==> flow/design.v <==
module sync_scratch (clk, rst_n, wr_en_i, wsel_i, wr_data_i, raddr1_i, raddr2_i, q1_o, q2_o);
    parameter integer DEPTH = 32;
    parameter integer DWIDTH = 6;
    localparam integer AWIDTH = $clog2(DEPTH);
    input clk;
    input rst_n;
    input wr_en_i;
    input [AWIDTH-1:0] wsel_i;
    input [DWIDTH-1:0] wr_data_i;
    input [AWIDTH-1:0] raddr1_i;
    input [AWIDTH-1:0] raddr2_i;
    output reg [DWIDTH-1:0] q1_o;
    output reg [DWIDTH-1:0] q2_o;
    reg wr_en_s;
    reg [AWIDTH-1:0] wsel_s;
    reg [DWIDTH-1:0] wr_data_s;
    reg [DWIDTH-1:0] regs [0:DEPTH-1];
    always @(posedge clk) begin
        if (wr_en_s)
            regs[wsel_s] <= wr_data_s;
    end
    reg [AWIDTH-1:0] raddr1_s;
    reg [AWIDTH-1:0] raddr2_s;
    always @(posedge clk or negedge rst_n) begin
        if (!rst_n) begin
            wr_en_s <= 1'b0;
            wsel_s <= 0;
            wr_data_s <= 0;
            raddr1_s <= 0;
            raddr2_s <= 0;
            q1_o <= 0;
            q2_o <= 0;
        end else begin
            wr_en_s <= wr_en_i;
            wsel_s <= wsel_i;
            wr_data_s <= wr_data_i;
            raddr1_s <= raddr1_i;
            raddr2_s <= raddr2_i;
            q1_o <= regs[raddr1_s];
            q2_o <= regs[raddr2_s];
        end
    end
endmodule
# Reports on sync_scratch
# What the tools print for sync_scratch, step after step.
# Line numbers count from 1 in the design file above.
# Library cell names are shortened.
# Not given: --
# design
top	sync_scratch
clk_port	clk
library	sky130hd
corner	tt_025C_1v80

# After elaboration
# Counts by Yosys on the flattened word-level netlist (proc, flatten, opt, wreduce; memories kept). Register bits leave out memories and registers merged into their read ports (data or address); mux counts leave out enables and synchronous resets folded into registers. Print and check cells are left out.
# Memory sizes are those after Yosys's memory passes, which may raise the word count (mostly to a power of two), join words into wider ones and drop unused or constant bits.
# bits
mem_bits_rw	192
output_inout_bits	12
elab_cells	11
clocked_rd_ports_x_width	12
in_bits	24
n_memories	1
ff_bits	22
# classes
reduce_and_logical	2
n_mux	3
# memory_table
name	size	word_bits	read_ports	write_ports	line	source
regs	32	6	2	1	17	reg [DWIDTH-1:0] regs [0:DEPTH-1];
# op_table
operator	n
6-bit 2-to-1 mux	1
5-bit 2-to-1 mux	1
1-bit logical NOT	2
1-bit 2-to-1 mux	1

# Longest topological paths
# Longest topological path by Yosys (ltp), each cell counted once; first at word level (registers and memories cut), then after technology mapping (sequential cells cut; the memories' decode and read muxes count).
# depth
depth_word	1
ABC_AREA	0
ltp_mapped	5

# After synthesis
# The flow's flattened synthesis, as Yosys stat reports it; memories are mapped. The netlist is that of the ABC_AREA named above (0 if unset); the other value can give another one.
# synth_totals
seq_area_mm2	0.0066163
ffs	226
mapped_cells	430
yosys_area_mm2	0.0098545
buffers	27
# types
cell	n
edfxtp_1	192
mux4_2	110
dfrtp_1	34
mux2_2	12
mux4_1	5
mux4_4	5
nor2_1	33
buf_6	4
clkbuf_1	10
nand3b_1	5
buf_8	2
buf_2	5
buf_1	5
or3b_1	2
nand3_1	2
or3b_2	1
or3_1	1
clkbuf_2	1
nand2_1	1

# Timing after synthesis
# Source: OpenSTA report_checks on the synthesized netlist (no wires, ideal clock, input and output delay 20% of the period each), path of least setup slack; recovery checks are left aside. Register names are those of the netlist, which keeps one name where synthesis merged equal registers.
# synth_timing
kind	register to register
from	reg raddr1_s[2]
to	reg q1_o[0]
driving_pins	6
n_path_buf	2
t_arrival_ns	2.071
delay_ns	2.196
slack_ns	0.554
tclk_ns	2.75
setup_ns	0.125
launch_ns	0.000
synth_period_reached_ns	2.196
# "delay_ns" is the arrival time less input delay plus setup time.
# "driving_pins" counts driving pins, that of a launching flip-flop among them; a cell with two outputs on the path counts twice.
# "synth_period_reached_ns" is the clock period less the worst setup slack; recovery checks do not enter. This is arithmetic on one report: input and output delays are still those of the set period (20% each).
# synth_between
cell_sequence	dfrtp_1 clkbuf_1 clkbuf_1 mux4_2 mux4_2 mux2_2
# synth_lines
element	line	source
start, declared	22	reg [AWIDTH-1:0] raddr1_s;
start, assigned	29	raddr1_s <= 0;
start, assigned	37	raddr1_s <= raddr1_i;
end, declared	12	output reg [DWIDTH-1:0] q1_o;
# No chain of elaborated cells between the ends is given.

# Worst path after layout
# From the final timing report of job 1: the path of least setup slack in the routed layout; clock arrival at registers is part of the times.
# layout_timing
kind	register to register
from	reg raddr2_s[0]
to	reg q2_o[4]
launch_ns	0.52
setup_ns	0.11
driving_pins	5
n_path_buf	1
slack_ns	0.49
tclk_ns	2.75
t_arrival_ns	2.67
# layout_between
cell_sequence	dfrtp_2 buf_12 mux4_4 mux4_2 mux2_2
# layout_lines
element	line	source
start, declared	23	reg [AWIDTH-1:0] raddr2_s;
start, assigned	30	raddr2_s <= 0;
start, assigned	38	raddr2_s <= raddr2_i;
end, declared	13	output reg [DWIDTH-1:0] q2_o;
# No chain of elaborated cells between the ends is given.

# Settings and measured results of 3 stored flow runs for module sync_scratch (sky130hd), not sorted in any way. The constraints put input and output delay at 20% of the set period each and load the outputs with 0.01 pF.
# "achieved_clock_period_ns" is the run's clock period less its worst setup slack. It is reckoned from that one timing run; input and output delays stay at 20% of the period that was set.
# "worst_setup_path_time_ns": the worst setup path's part of the clock period (all of it between registers, 20% less for each end at a port) less its slack. A launch clock that arrives late makes it longer, a capture clock that arrives late makes it shorter.
# "power_total_mw" rests on the timing tool's default activity at the inputs, not on a simulated workload.
# Settings: n/a = not set for that run.
# Among the results, n/a means that no value is shown for the run.
stored run	period_ns	CAP_MARGIN	CORE_MARGIN	CORE_UTILIZATION	SLEW_MARGIN	SETUP_SLACK_MARGIN	PLACE_DENSITY_LB_ADDON	CORE_ASPECT_RATIO	CELL_PAD_IN_SITES_DETAIL_PLACEMENT	TNS_END_PERCENT	ABC_AREA	MAX_ROUTING_LAYER	HOLD_SLACK_MARGIN	GPL_TIMING_DRIVEN	CTS_CLUSTER_SIZE	synthArea_mm2	die_mm2	final_stdcell_area_mm2	util_pct	setup_worst_slack_ns	tns_setup_ns	power_total_mw	achieved_clock_period_ns	worst_setup_path_time_ns	worst_setup_path_type
job 1	2.75	20	2	40	20	n/a	n/a	n/a	n/a	n/a	n/a	n/a	n/a	n/a	n/a	0.0098545	0.0259081	0.0116299	48.0	0.491	0.000	8.113	2.259	2.26	register to register
job 2	1.76	20	2	66	15	0.15	0.21	0.75	1	60	1	met4	n/a	n/a	n/a	n/a	n/a	n/a	n/a	n/a	n/a	n/a	n/a	n/a	n/a
job 3	2.01	20	6	55	20	0.39	0.08	n/a	1	25	n/a	met5	0.08	0	94	0.0098545	0.0212737	0.012039	69.1	-0.294	-2.972	10.617	2.304	2.30	register to register
# Job 2: stopped before the end: placement reported DPL-0033
